==> flow/design.v <==
module u_mux_stage #(
    parameter W = 32,
    parameter NIN = 3,
    parameter SEL_WIDTH = $clog2(NIN)
) (
    input logic ck,
    input logic [NIN*W-1:0] din,
    input logic [SEL_WIDTH-1:0] select,
    output logic [W-1:0] q
);
    logic [NIN*W-1:0] r_din;
    logic [SEL_WIDTH-1:0] r_select;
    logic [NIN*W-1:0] t;
    assign t = r_din >> (r_select * W);
    assign q = t[W-1:0];
    always_ff @(posedge ck) begin
        r_din <= din;
        r_select <= select;
    end
endmodule
== From RTL to reports: u_mux_stage ==
What the tools print for u_mux_stage, step after step.
Lines are those of the file above, counted from 1.
The mark n/a stands for no value.

* Top: u_mux_stage
* Clock input: ck
* Cell library: sky130hd
* Timing corner: tt_025C_1v80

== Elaborated design ==
Source: Yosys, flattened and elaborated, memories not mapped. Widths are those after wreduce; folded enables and synchronous resets count as part of the registers. Registers that Yosys merges into a memory's read port (data or address) are not register bits. Print and check cells do not count. Equal cells are merged and count once.

* Shift-type cells: 1

{| class="wikitable"
|+ Operators by type and width
! cell !! count
|-
| right shift 96 x 7 -> 32 bit || 1
|}

* Register bits: 98
* Word-level cells: 3

== Depth ==
Yosys ltp: most cells in a row. Word level: on the elaborated netlist, between registers, memories and ports. Mapped: between sequential cells and ports; inverters and the memories' decode and read muxes count.

* Depth in word-level cells: 1
* ABC_AREA: 1
* Mapped depth: 6
* Mapped depth without buffers: 4

== Netlist ==
Yosys stat after the flow's synthesis: flattened, memories mapped to cells. It holds for the ABC_AREA given above (unset counts as 0); a run with the other value may have another netlist.

{| class="wikitable"
|+ Cell types
! type !! count !! total area (µm²)
|-
| sky130_fd_sc_hd__dfxtp_1 || 98 || 1.96E+03
|-
| sky130_fd_sc_hd__nand2_1 || 128 || 480.461
|-
| sky130_fd_sc_hd__inv_1 || 64 || 240.23
|-
| sky130_fd_sc_hd__nand3_1 || 32 || 160.154
|-
| sky130_fd_sc_hd__buf_6 || 4 || 45.043
|-
| sky130_fd_sc_hd__buf_4 || 4 || 30.029
|-
| sky130_fd_sc_hd__buf_2 || 5 || 25.024
|-
| sky130_fd_sc_hd__nor2_8 || 1 || 20.019
|-
| sky130_fd_sc_hd__inv_2 || 2 || 7.507
|}

* Mapped flip-flops: 98
* Mapped cells: 338
* Cell area after synthesis: 2970.3 µm²
* Buffer cells: 13

== Timing after synthesis ==
OpenSTA on the mapped netlist: ideal clock, no wires. The path of least setup slack (recovery checks aside). Input and output delay are each 20% of the period. Register names are those of the netlist, which keeps one name where synthesis merged equal registers.

* Path kind: register to output
* From: reg r_select[0]
* To: out q[0]
* Path buffers: 2
* Stages: 6
* Path delay: 0.823 ns
* Data arrival time: 0.823 ns
* Time at the first pin: 0.000 ns
* Slack: 0.321 ns
* Clock period: 1.43 ns
* Output delay: 0.286 ns
* Synthesis period reached: 1.109 ns

"path delay" is the arrival time less input delay plus setup time.
A path that ends at an output port has no setup time.
"stages": output pins that drive a net of the path, with the launching flip-flop's if there is one; two outputs of one cell count as two.
"synthesis period reached" = period - worst setup slack (recovery checks aside). The figure is calculated, with input and output delays left at 20% of the set period.
Between the ends stands the longest chain of elaborated cells between them, by number of cells; it is not shown to be the way that was timed. Of several equally long chains one is given.
A line is the first line of the expression or statement that the cell stems from. Yosys adds cells for indexed reads and writes and turns some case tables into memories.

* Cell sequence: sky130_fd_sc_hd__dfxtp_1 > sky130_fd_sc_hd__buf_6 > sky130_fd_sc_hd__nor2_8 > sky130_fd_sc_hd__buf_4 > sky130_fd_sc_hd__nand2_1 > sky130_fd_sc_hd__nand2_1
* Cells in the longest elaborated chain: 1
* Elaborated cells on any way between the ends: 1
* Source lines of those cells: 1

{| class="wikitable"
|+ RTL lines, path post-synthesis
! what !! line !! text
|-
| from (decl) || 12 || <nowiki>logic [SEL_WIDTH-1:0] r_select;</nowiki>
|-
| from (assign) || 18 || <nowiki>r_select <= select;</nowiki>
|-
| right shift 96 x 7 -> 32 bit || 14 || <nowiki>assign t = r_din >> (r_select * W);</nowiki>
|-
| to (decl) || 9 || <nowiki>output logic [W-1:0] q</nowiki>
|}

== Path in the finished layout ==
From the final timing report of stored run 1: the path of least setup slack in the routed layout; clock arrival at registers is part of the times.

* Path kind: register to output
* From: reg r_select[0]
* To: out q[13]
* Clock period: 1.69 ns
* Time at the first pin: 0.34 ns
* Data arrival time: 1.48 ns
* Slack: -0.13 ns
* Path buffers: 4
* Output delay: 0.34 ns
* Stages: 8

Between the ends stands the longest chain of elaborated cells between them, by number of cells; it is not shown to be the way that was timed. Of several equally long chains one is given.

* Cell sequence: sky130_fd_sc_hd__dfxtp_4 > sky130_fd_sc_hd__buf_6 > sky130_fd_sc_hd__nor2_8 > sky130_fd_sc_hd__buf_12 > sky130_fd_sc_hd__buf_8 > sky130_fd_sc_hd__nand2_2 > sky130_fd_sc_hd__nand2_2 > sky130_fd_sc_hd__buf_6
* Cells in the longest elaborated chain: 1
* Elaborated cells on any way between the ends: 1
* Source lines of those cells: 1

{| class="wikitable"
|+ RTL lines, path after layout
! what !! line !! text
|-
| from (decl) || 12 || <nowiki>logic [SEL_WIDTH-1:0] r_select;</nowiki>
|-
| from (assign) || 18 || <nowiki>r_select <= select;</nowiki>
|-
| right shift 96 x 7 -> 32 bit || 14 || <nowiki>assign t = r_din >> (r_select * W);</nowiki>
|-
| to (decl) || 9 || <nowiki>output logic [W-1:0] q</nowiki>
|}

FLOW RESULTS
============

3 stored runs of u_mux_stage in the flow (synthesis by Yosys, layout by OpenROAD, sky130hd cells), in arbitrary order. Constraints: input delay and output delay 20% of the set period each, output load 0.01 pF.
"reached clock period" means the clock period less the worst setup slack. The figure is calculated, with input and output delays left at 20% of the set period.
"time used up by the worst setup path" is the time allowed to the run's worst setup path (the clock period less input and output delay, where it has them) less its slack. Clock arrival times count: a late capture clock shortens it, a late launch clock lengthens it.

=== Stored run 1 ===
{| class="wikitable"
! Setting !! Value
|-
| period_ns || 1.69
|-
| CORE_UTILIZATION || 40
|-
| SETUP_SLACK_MARGIN || 0.01
|-
| PLACE_DENSITY || 0.75
|-
| CELL_PAD_IN_SITES_GLOBAL_PLACEMENT || 0
|-
| ABC_AREA || 1
|-
| CTS_CLUSTER_SIZE || 44
|-
| CTS_CLUSTER_DIAMETER || 308
|-
| MAX_ROUTING_LAYER || met5
|-
| CAP_MARGIN || 20
|-
| CORE_MARGIN || 2
|-
| SLEW_MARGIN || 20
|-
! Result !! Value
|-
| Yosys chip area after synthesis || 2970.3 µm²
|-
| Full die area || 8131.5 µm²
|-
| Standard-cell area after layout || 4692.0 µm²
|-
| Utilization || 0.65
|-
| Worst setup slack after layout || -0.130 ns
|-
| Total negative slack on setup checks || -1.888 ns
|-
| Worst-case hold slack || 0.421 ns
|-
| Reached clock period || 1.820 ns
|-
| Time used up by the worst setup path || 1.48 ns
|-
| Worst setup path type || register to output
|}

=== Stored run 2 ===
{| class="wikitable"
! Setting !! Value
|-
| period_ns || 1.43
|-
| CAP_MARGIN || 20
|-
| CORE_MARGIN || 2
|-
| CORE_UTILIZATION || 40
|-
| SLEW_MARGIN || 20
|-
! Result !! Value
|-
| Yosys chip area after synthesis || 2748.9 µm²
|-
| Full die area || 7551.6 µm²
|-
| Standard-cell area after layout || 4611.9 µm²
|-
| Utilization || 0.686
|-
| Worst setup slack after layout || -0.323 ns
|-
| Total negative slack on setup checks || -9.334 ns
|-
| Worst-case hold slack || 0.364 ns
|-
| Reached clock period || 1.753 ns
|-
| Time used up by the worst setup path || 1.47 ns
|-
| Worst setup path type || register to output
|}

=== Stored run 3 ===
{| class="wikitable"
! Setting !! Value
|-
| period_ns || 2.04
|-
| CORE_UTILIZATION || 45
|-
| SETUP_SLACK_MARGIN || -0.2
|-
| PLACE_DENSITY_LB_ADDON || 0.08
|-
| HOLD_SLACK_MARGIN || 0.1
|-
| CELL_PAD_IN_SITES_DETAIL_PLACEMENT || 2
|-
| CTS_CLUSTER_DIAMETER || 237
|-
| CAP_MARGIN || 15
|-
| MIN_ROUTING_LAYER || met2
|-
| CORE_MARGIN || 2
|-
| SLEW_MARGIN || 20
|}
Unfinished; error DPL-0033 in placement.
